==> flow/design.v <==
module my_ram_block #(
   parameter integer D = 24,
   parameter integer NBITS = 32,
   parameter integer NR = 1,
   parameter integer WPORTS = 2,
   parameter integer ABITS = $clog2(D)
) (
   input logic clk_i,
   input logic [WPORTS-1:0] wen,
   input logic [WPORTS*ABITS-1:0] wr_idx,
   input logic [WPORTS*NBITS-1:0] wdata,
   input logic [NR*ABITS-1:0] rd_addr,
   output logic [NR*NBITS-1:0] rd
);
   logic [NBITS-1:0] gpr [D-1:0];
   always_ff @(posedge clk_i) begin
      for (int i = 0; i < WPORTS; i++)
         if (wen[i]) gpr[wr_idx[i*ABITS +: ABITS]] <= wdata[i*NBITS +: NBITS];
   end
   logic [NR*NBITS-1:0] cur;
   for (genvar jj = 0; jj < NR; jj++) begin : row
      assign cur[jj*NBITS +: NBITS] = gpr[rd_addr[jj*ABITS +: ABITS]];
   end
   assign rd = cur;
endmodule
From RTL to reports: my_ram_block
The steps from the RTL of my_ram_block to its reports follow in flow order.
Line numbers count from 1 in the design file above.
A cell with n/a has no value.
Set-up
  design top: my_ram_block
  clock port: clk_i
  cell library: sky130hd
  timing corner: tt_025C_1v80

After elaboration
Yosys after proc, flatten, opt, wreduce and memory -nomap, before mapping. Enables and synchronous resets that opt folds into registers are not counted as muxes. Memory bits, and registers merged into a memory's read port (data or address), are not among the register bits. Print and check cells are not counted. Equal cells are merged and count once.
Yosys's memory passes give these memory sizes; they may raise the number of words (mostly to a power of two), join words into wider ones and drop unused or constant bits.
Storage and ports
  RAM bits: 768
  memories kept: 1
  memory bits (read-only): 0
  register bits: 0
  bits in latches: 0
  cells after elaboration: 7
  word width x clocked read ports: 0
  bits of input ports: 82
Cells by class
  multiply operators: 0
  bitwise logic cells: 0
  reduce/logical cells: 0
  equal/unequal tests: 0
  $lt $le $gt $ge: 0
  divide/modulo/power cells: 0
  shift-type cells: 0
  add/sub/neg operators: 0
  multiplexer cells: 6
Memories
  gpr: words 24, width 32, read ports 1, write ports 2, line 15  | logic [NBITS-1:0] gpr [D-1:0];
Operators by type and width (count)
  2-to-1 mux 32 bit: 2
  2-to-1 mux 5 bit: 2
  2-to-1 mux 1 bit: 2

Depth
Depth = most cells in a row (Yosys ltp): at word level without a register or memory, in the mapped netlist without a sequential cell, where the memories' decode and read muxes count.
Logic depth
  word-level depth: 1
  ABC_AREA: 0
  mapped depth: 8
  depth with buffers taken out: 4

Mapped cells and area
Source: synth_stat.txt of the flow (Yosys; design flattened, memories mapped). It holds for the ABC_AREA given above (unset counts as 0); a run with the other value may have another netlist.
The area totals of this step are shown rounded.
Cells by type (count)
  sky130_fd_sc_hd__edfxtp_1: 768
  sky130_fd_sc_hd__mux2_2: 794
  sky130_fd_sc_hd__mux4_2: 121
  sky130_fd_sc_hd__mux2i_1: 142
  sky130_fd_sc_hd__clkbuf_1: 173
  sky130_fd_sc_hd__buf_2: 66
  sky130_fd_sc_hd__nand2_1: 82
  sky130_fd_sc_hd__a2bb2oi_1: 32
  sky130_fd_sc_hd__a221oi_1: 25
  sky130_fd_sc_hd__a32oi_1: 25
  sky130_fd_sc_hd__o21ai_0: 41
  sky130_fd_sc_hd__nand3_1: 23
  sky130_fd_sc_hd__a22oi_1: 14
  sky130_fd_sc_hd__buf_1: 26
  sky130_fd_sc_hd__buf_4: 11
  sky130_fd_sc_hd__buf_6: 7
  sky130_fd_sc_hd__mux2_1: 6
  sky130_fd_sc_hd__nand3b_1: 7
Not listed: further types 17, cells in them 40.
Mapped netlist
  cell area after synthesis: 39200 µm²
  buffers: 284
  standard cells after synthesis: 2403
  sequential part of the area: 23100 µm²
  flip-flops: 768

Timing after synthesis
Source: OpenSTA report_checks on the synthesized netlist (no wires, ideal clock, input and output delay 20% of the period each), path of least setup slack; recovery checks are left aside. Register names are those of the netlist, which keeps one name where synthesis merged equal registers.
Timing path post-synthesis
  path type: input to register
  start point: input wr_idx[1]
  end point: memory gpr[16][0]
  time at the first pin: 1.032 ns
  clock period: 5.16 ns
  arrival time: 3.870 ns
  setup slack: 0.825 ns
  setup time: 0.466 ns
  delay of the path: 3.304 ns
  required time: 4.694 ns
  driving pins on the path: 2
  synthesis period reached: 4.335 ns
"delay of the path" is the arrival time less input delay plus setup time.
"driving pins on the path" counts driving pins, that of a launching flip-flop among them; a cell with two outputs on the path counts twice.
"synthesis period reached" = period - worst setup slack (recovery checks aside). The figure is calculated, with input and output delays left at 20% of the set period.
The rows between start and end are the longest chain of elaborated cells between them; the timing report does not say that the signal goes this way. Where chains are equally long, one stands for them.
Each line given opens the expression or statement behind the cell; cells for indexed reads and writes are added by Yosys, which also makes memories of some case tables.
Between the ends, post-synthesis
  cells stage by stage: sky130_fd_sc_hd__or3b_2 sky130_fd_sc_hd__o21ai_0
  length of the longest elaborated chain: 1
  elaborated cells between the ends (all ways): 1
  source lines of those cells: 1
  those cells by class: mux (1)
Ends and longest elaborated chain, post-synthesis
  from (decl): line 10  | input logic [WPORTS*ABITS-1:0] wr_idx,
  2-to-1 mux 5 bit: line 18  | if (wen[i]) gpr[wr_idx[i*ABITS +: ABITS]] <= wdata[i*NBITS +: NBITS];
  to (decl): line 15  | logic [NBITS-1:0] gpr [D-1:0];

Worst path after layout
Path of least setup slack in the final report of run A (OpenROAD, finished layout, wires in). Where an end is a register, its clock arrival counts in the times.
Timing path after layout
  path type: input to output
  start point: input rd_addr[3]
  end point: output rd[10]
  clock period: 5.55 ns
  required time: 4.44 ns
  driving pins on the path: 6
  setup slack: 0.84 ns
  output delay: 1.11 ns
  time at the first pin: 1.11 ns
  arrival time: 3.60 ns
The rows between start and end are the longest chain of elaborated cells between them; the timing report does not say that the signal goes this way. Where chains are equally long, one stands for them.
A memory read counts as a cell of the chain, while the word-level depth stops at memories.
Between the ends, after layout
  cells stage by stage: sky130_fd_sc_hd__clkdlybuf4s50_1 sky130_fd_sc_hd__nor2_2 sky130_fd_sc_hd__clkbuf_2 sky130_fd_sc_hd__a32oi_1 sky130_fd_sc_hd__nand2_1 sky130_fd_sc_hd__clkdlybuf4s50_1
  length of the longest elaborated chain: 1
  elaborated cells between the ends (all ways): 1
  source lines of those cells: 1
  those cells by class: memory (1)
Ends and longest elaborated chain, after layout
  from (decl): line 12  | input logic [NR*ABITS-1:0] rd_addr,
  memory (24 x 32 bit): line 15  | logic [NBITS-1:0] gpr [D-1:0];
  to (decl): line 13  | output logic [NR*NBITS-1:0] rd

Flow measurements of my_ram_block on sky130hd: 3 stored runs with different settings, listed in no order. Input and output delays are each 20% of the period that was set; the output load is 0.01 pF.
"worst setup path time" = time allowed to the worst setup path (clock period - input delay - output delay, where it has them) - its slack; a late launch clock adds to it, a late capture clock takes from it.
"power" rests on the timing tool's default activity at the inputs, not on a simulated workload.
Values from the reports are rounded here.
[run A] settings: period_ns=5.55, CORE_UTILIZATION=32, SETUP_SLACK_MARGIN=0.88, TNS_END_PERCENT=25, GPL_TIMING_DRIVEN=0, GPL_ROUTABILITY_DRIVEN=1, CTS_CLUSTER_SIZE=54, CAP_MARGIN=10, SLEW_MARGIN=25, MAX_ROUTING_LAYER=met4, CORE_MARGIN=2
[run A] result: chip area after synthesis (Yosys) 39200 µm², die area 125000 µm², standard-cell area of the final layout 47100 µm², utilization 38.7%, worst setup slack after layout 0.843 ns, total negative slack 0.000 ns, power 0.0136 W, worst setup path time 2.49 ns, worst setup path kind input to output
[run B] settings: period_ns=7.48, CORE_UTILIZATION=42, SETUP_SLACK_MARGIN=2.02, PLACE_DENSITY_LB_ADDON=0.2, GPL_TIMING_DRIVEN=0, GPL_ROUTABILITY_DRIVEN=1, SLEW_MARGIN=0, MAX_ROUTING_LAYER=met5, CAP_MARGIN=20, CORE_MARGIN=2
[run B] result: chip area after synthesis (Yosys) 39200 µm², die area 95900 µm², standard-cell area of the final layout 46600 µm², utilization 50.1%, worst setup slack after layout 2.03 ns, total negative slack 0.000 ns, power 0.0103 W, worst setup path time 2.46 ns, worst setup path kind input to output
[run C] settings: period_ns=5.16, CAP_MARGIN=20, CORE_MARGIN=2, CORE_UTILIZATION=40, SLEW_MARGIN=20
[run C] result: chip area after synthesis (Yosys) 39200 µm², die area 101000 µm², standard-cell area of the final layout 44900 µm², utilization 46.3%, worst setup slack after layout 0.706 ns, total negative slack 0.000 ns, power 0.0146 W, worst setup path time 2.39 ns, worst setup path kind input to output
